==> flow/design.v <==
module gen_chooser_v2 #(
  parameter integer XLEN = 16,
  parameter integer WAYS = 7,
  parameter integer LOGN = $clog2(WAYS)
) (
  input  CLK,
  input  [WAYS*XLEN-1:0] src,
  input  [LOGN-1:0] select,
  output [XLEN-1:0] result
);
  reg [WAYS*XLEN-1:0] r_src;
  reg [LOGN-1:0] r_select;
  reg [XLEN-1:0] nxt;
  integer i;
  always @(*) begin
    nxt = 0;
    for (i = 0; i < WAYS; i = i + 1)
      if (r_select == i) nxt = r_src[i*XLEN +: XLEN];
  end
  reg [XLEN-1:0] r_result;
  assign result = r_result;
  always @(posedge CLK) begin
    r_src <= src;
    r_select <= select;
    r_result <= nxt;
  end
endmodule
Tool chain data of gen_chooser_v2. The steps from the RTL of gen_chooser_v2 to its reports follow in flow order. Lines are those of the file above, counted from 1. Operators: Yosys type, input widths -> output width; for muxes data width and select width s. Cell names lack the library's common part. Not given: n/a

Design top: gen_chooser_v2. Clock input: CLK. Library: sky130hd. Library corner: tt_025C_1v80.

Elaborated design. Yosys after proc, flatten, opt, wreduce and memory -nomap, before mapping. Enables and synchronous resets that opt folds into registers are not counted as muxes. Memory bits, and registers merged into a memory's read port (data or address), are not among the register bits. Print and check cells are not counted. Equal cells are merged and count once.

The entry for flip-flop bits (word level) reads 131. Under input port bits stands 116. For output and inout bits the number is 16. Cells after elaboration: 17.

For eq/ne operators the number is 6. For muxes and demuxes the number is 7. Under reduce/logical cells stands 1.

Operator list (number): $mux 16 (7); $eq 3x3->1 const B (3); $eq 3x2->1 const B (2); $eq 3x1->1 const B (1); $logic_not 3->1 (1).

Longest topological paths. Depth = most cells in a row (Yosys ltp): at word level without a register or memory, in the mapped netlist without a sequential cell, where the memories' decode and read muxes count.

Depth after elaboration: 8. The entry for ABC_AREA reads 0. The entry for depth in mapped cells reads 7. Under gate-level depth less buffers stands 4.

Mapped cells and area. Source: synth_stat.txt of the flow (Yosys; design flattened, memories mapped). It holds for the ABC_AREA given above (unset counts as 0); a run with the other value may have another netlist.

For standard cells after synthesis the number is 285. Mapped area: 3858.7 um^2. For sequential area the number is 2622.5 um^2. The entry for flip-flops reads 131. The figure for buffer cells is 21.

Cells by type: dfxtp_1 (number 131, area in all 2.62E+03 um^2); mux2_2 (number 16, area in all 180.173 um^2); mux2i_1 (number 16, area in all 160.154 um^2); a221oi_2 (number 10, area in all 150.144 um^2); o2bb2ai_1 (number 16, area in all 140.134 um^2); o32ai_1 (number 16, area in all 140.134 um^2); nand2b_1 (number 17, area in all 106.352 um^2); a21oi_1 (number 16, area in all 80.077 um^2); buf_6 (number 7, area in all 78.826 um^2); nor2_1 (number 16, area in all 60.058 um^2); a221oi_1 (number 6, area in all 52.55 um^2); buf_2 (number 6, area in all 30.029 um^2); clkbuf_1 (number 6, area in all 22.522 um^2); buf_4 (number 2, area in all 15.014 um^2); and3_1 (number 1, area in all 6.256 um^2); nor2b_1 (number 1, area in all 6.256 um^2); inv_2 (number 1, area in all 3.754 um^2); nand2_1 (number 1, area in all 3.754 um^2).

Timing after synthesis. Source: OpenSTA report_checks on the synthesized netlist (no wires, ideal clock, input and output delay 20% of the period each), path of least setup slack; recovery checks are left aside. Register names are those of the netlist, which keeps one name where synthesis merged equal registers.

Kind: register to register. Start: register r_select[0]. End: register r_result[3]. Clock period: 1590 ps. The figure for setup time is 122 ps. For time at the first pin the number is 0 ps. Under data arrival time stands 1152 ps. The entry for data required time reads 1468 ps. Path slack: 316 ps. Path delay: 1274 ps. For stages on the path the number is 7. The figure for path buffers is 2. The figure for period reached after synthesis is 1274 ps.

"path delay" is the arrival time less input delay plus setup time. "stages on the path": output pins that drive a net of the path, with the launching flip-flop's if there is one; two outputs of one cell count as two. "period reached after synthesis" is the clock period less the worst setup slack; recovery checks do not enter. This is arithmetic on one report: input and output delays are still those of the set period (20% each). Between the ends stands the longest chain of elaborated cells between them, by number of cells; it is not shown to be the way that was timed. Of several equally long chains one is given. A line is the first line of the expression or statement that the cell stems from. Yosys adds cells for indexed reads and writes and turns some case tables into memories.

Cell sequence: dfxtp_1 buf_4 buf_6 mux2i_1 o2bb2ai_1 a221oi_1 nor2_1. Length of the longest elaborated chain: 8. The entry for elaborated cells between the ends (all ways) reads 14. RTL lines with such cells: 1. Classes of those cells: 6 x eq/ne; 7 x mux; 1 x reduce/logical.

RTL lines, path post-synthesis: start: declaration (RTL line 12) `reg [LOGN-1:0] r_select;`; start: assignment (RTL line 24) `r_select <= select;`; $logic_not 3->1 (RTL line 18) `if (r_select == i) nxt = r_src[i*XLEN +: XLEN];`; $mux 16 x7 (RTL line 18); end: assignment (RTL line 25) `r_result <= nxt;`; end: declaration (RTL line 20) `reg [XLEN-1:0] r_result;`.

Timing after layout. Path of least setup slack in the final report of record 1 (OpenROAD, finished layout, wires in). Where an end is a register, its clock arrival counts in the times. The report prints the path's times to 10 ps; the period is as set.

Kind: register to register. Start: register r_select[0]. End: register r_result[2]. Clock period: 1590 ps. The figure for setup time is 120 ps. For time at the first pin the number is 490 ps. Under data arrival time stands 1830 ps. The entry for data required time reads 1970 ps. Path slack: 140 ps. For stages on the path the number is 6. The figure for path buffers is 1.

Between the ends stands the longest chain of elaborated cells between them, by number of cells; it is not shown to be the way that was timed. Of several equally long chains one is given.

Cell sequence: dfxtp_2 buf_12 mux2i_1 o2bb2ai_1 a221oi_1 nor2_1. Length of the longest elaborated chain: 8. The entry for elaborated cells between the ends (all ways) reads 14. RTL lines with such cells: 1. Classes of those cells: 6 x eq/ne; 7 x mux; 1 x reduce/logical.

RTL lines, path post-layout: start: declaration (RTL line 12) `reg [LOGN-1:0] r_select;`; start: assignment (RTL line 24) `r_select <= select;`; $logic_not 3->1 (RTL line 18) `if (r_select == i) nxt = r_src[i*XLEN +: XLEN];`; $mux 16 x7 (RTL line 18); end: assignment (RTL line 25) `r_result <= nxt;`; end: declaration (RTL line 20) `reg [XLEN-1:0] r_result;`.

Memo
Re: implementation data of gen_chooser_v2

Settings and measured results of 3 stored flow runs for module gen_chooser_v2 (sky130hd), not sorted in any way. The constraints put input and output delay at 20% of the set period each and load the outputs with 0.01 pF. "period reached" means the clock period less the worst setup slack. The figure is calculated, with input and output delays left at 20% of the set period. "worst setup path time" means the part of the period allowed to the worst setup path (the constraints hold back 20% at inputs and 20% at outputs) less its slack; where the path has registers, the arrival times of their clocks count too. "worst setup path time" is known to 10 ps.

Record 1 has these settings: period_ns 1.59; CAP_MARGIN 20; CORE_MARGIN 2; CORE_UTILIZATION 40; SLEW_MARGIN 20. The worst-case hold slack stands at 263 ps. The worst setup slack after layout comes to 140 ps. The mapped cell area after synthesis is 3858.7 um^2. The measured worst setup path time is 1450 ps. Worst path kind: register to register. The total negative slack on setup checks reads 0 ps. For the period reached the run shows 1450 ps. The total die area is 10447.9 um^2. The utilization after layout comes to 63.7 %.

Record 2 has these settings: period_ns 1.32; CORE_UTILIZATION 52; SETUP_SLACK_MARGIN 0.21; PLACE_DENSITY_LB_ADDON 0.07; CELL_PAD_IN_SITES_GLOBAL_PLACEMENT 3; CTS_CLUSTER_SIZE 79; CAP_MARGIN 30; MIN_ROUTING_LAYER met1; MAX_ROUTING_LAYER met5; CORE_MARGIN 2; SLEW_MARGIN 20. Outcome: incomplete, placement halted on FLW-0024.

Record 3 has these settings: period_ns 1.6; CORE_UTILIZATION 66; SETUP_SLACK_MARGIN -0.09; PLACE_DENSITY_LB_ADDON 0.12; HOLD_SLACK_MARGIN 0.25; CORE_MARGIN 2; GPL_ROUTABILITY_DRIVEN 1; CTS_CLUSTER_SIZE 99; MIN_ROUTING_LAYER met1; CAP_MARGIN 20; SLEW_MARGIN 20. Outcome: incomplete, clock tree synthesis halted on DPL-0038.
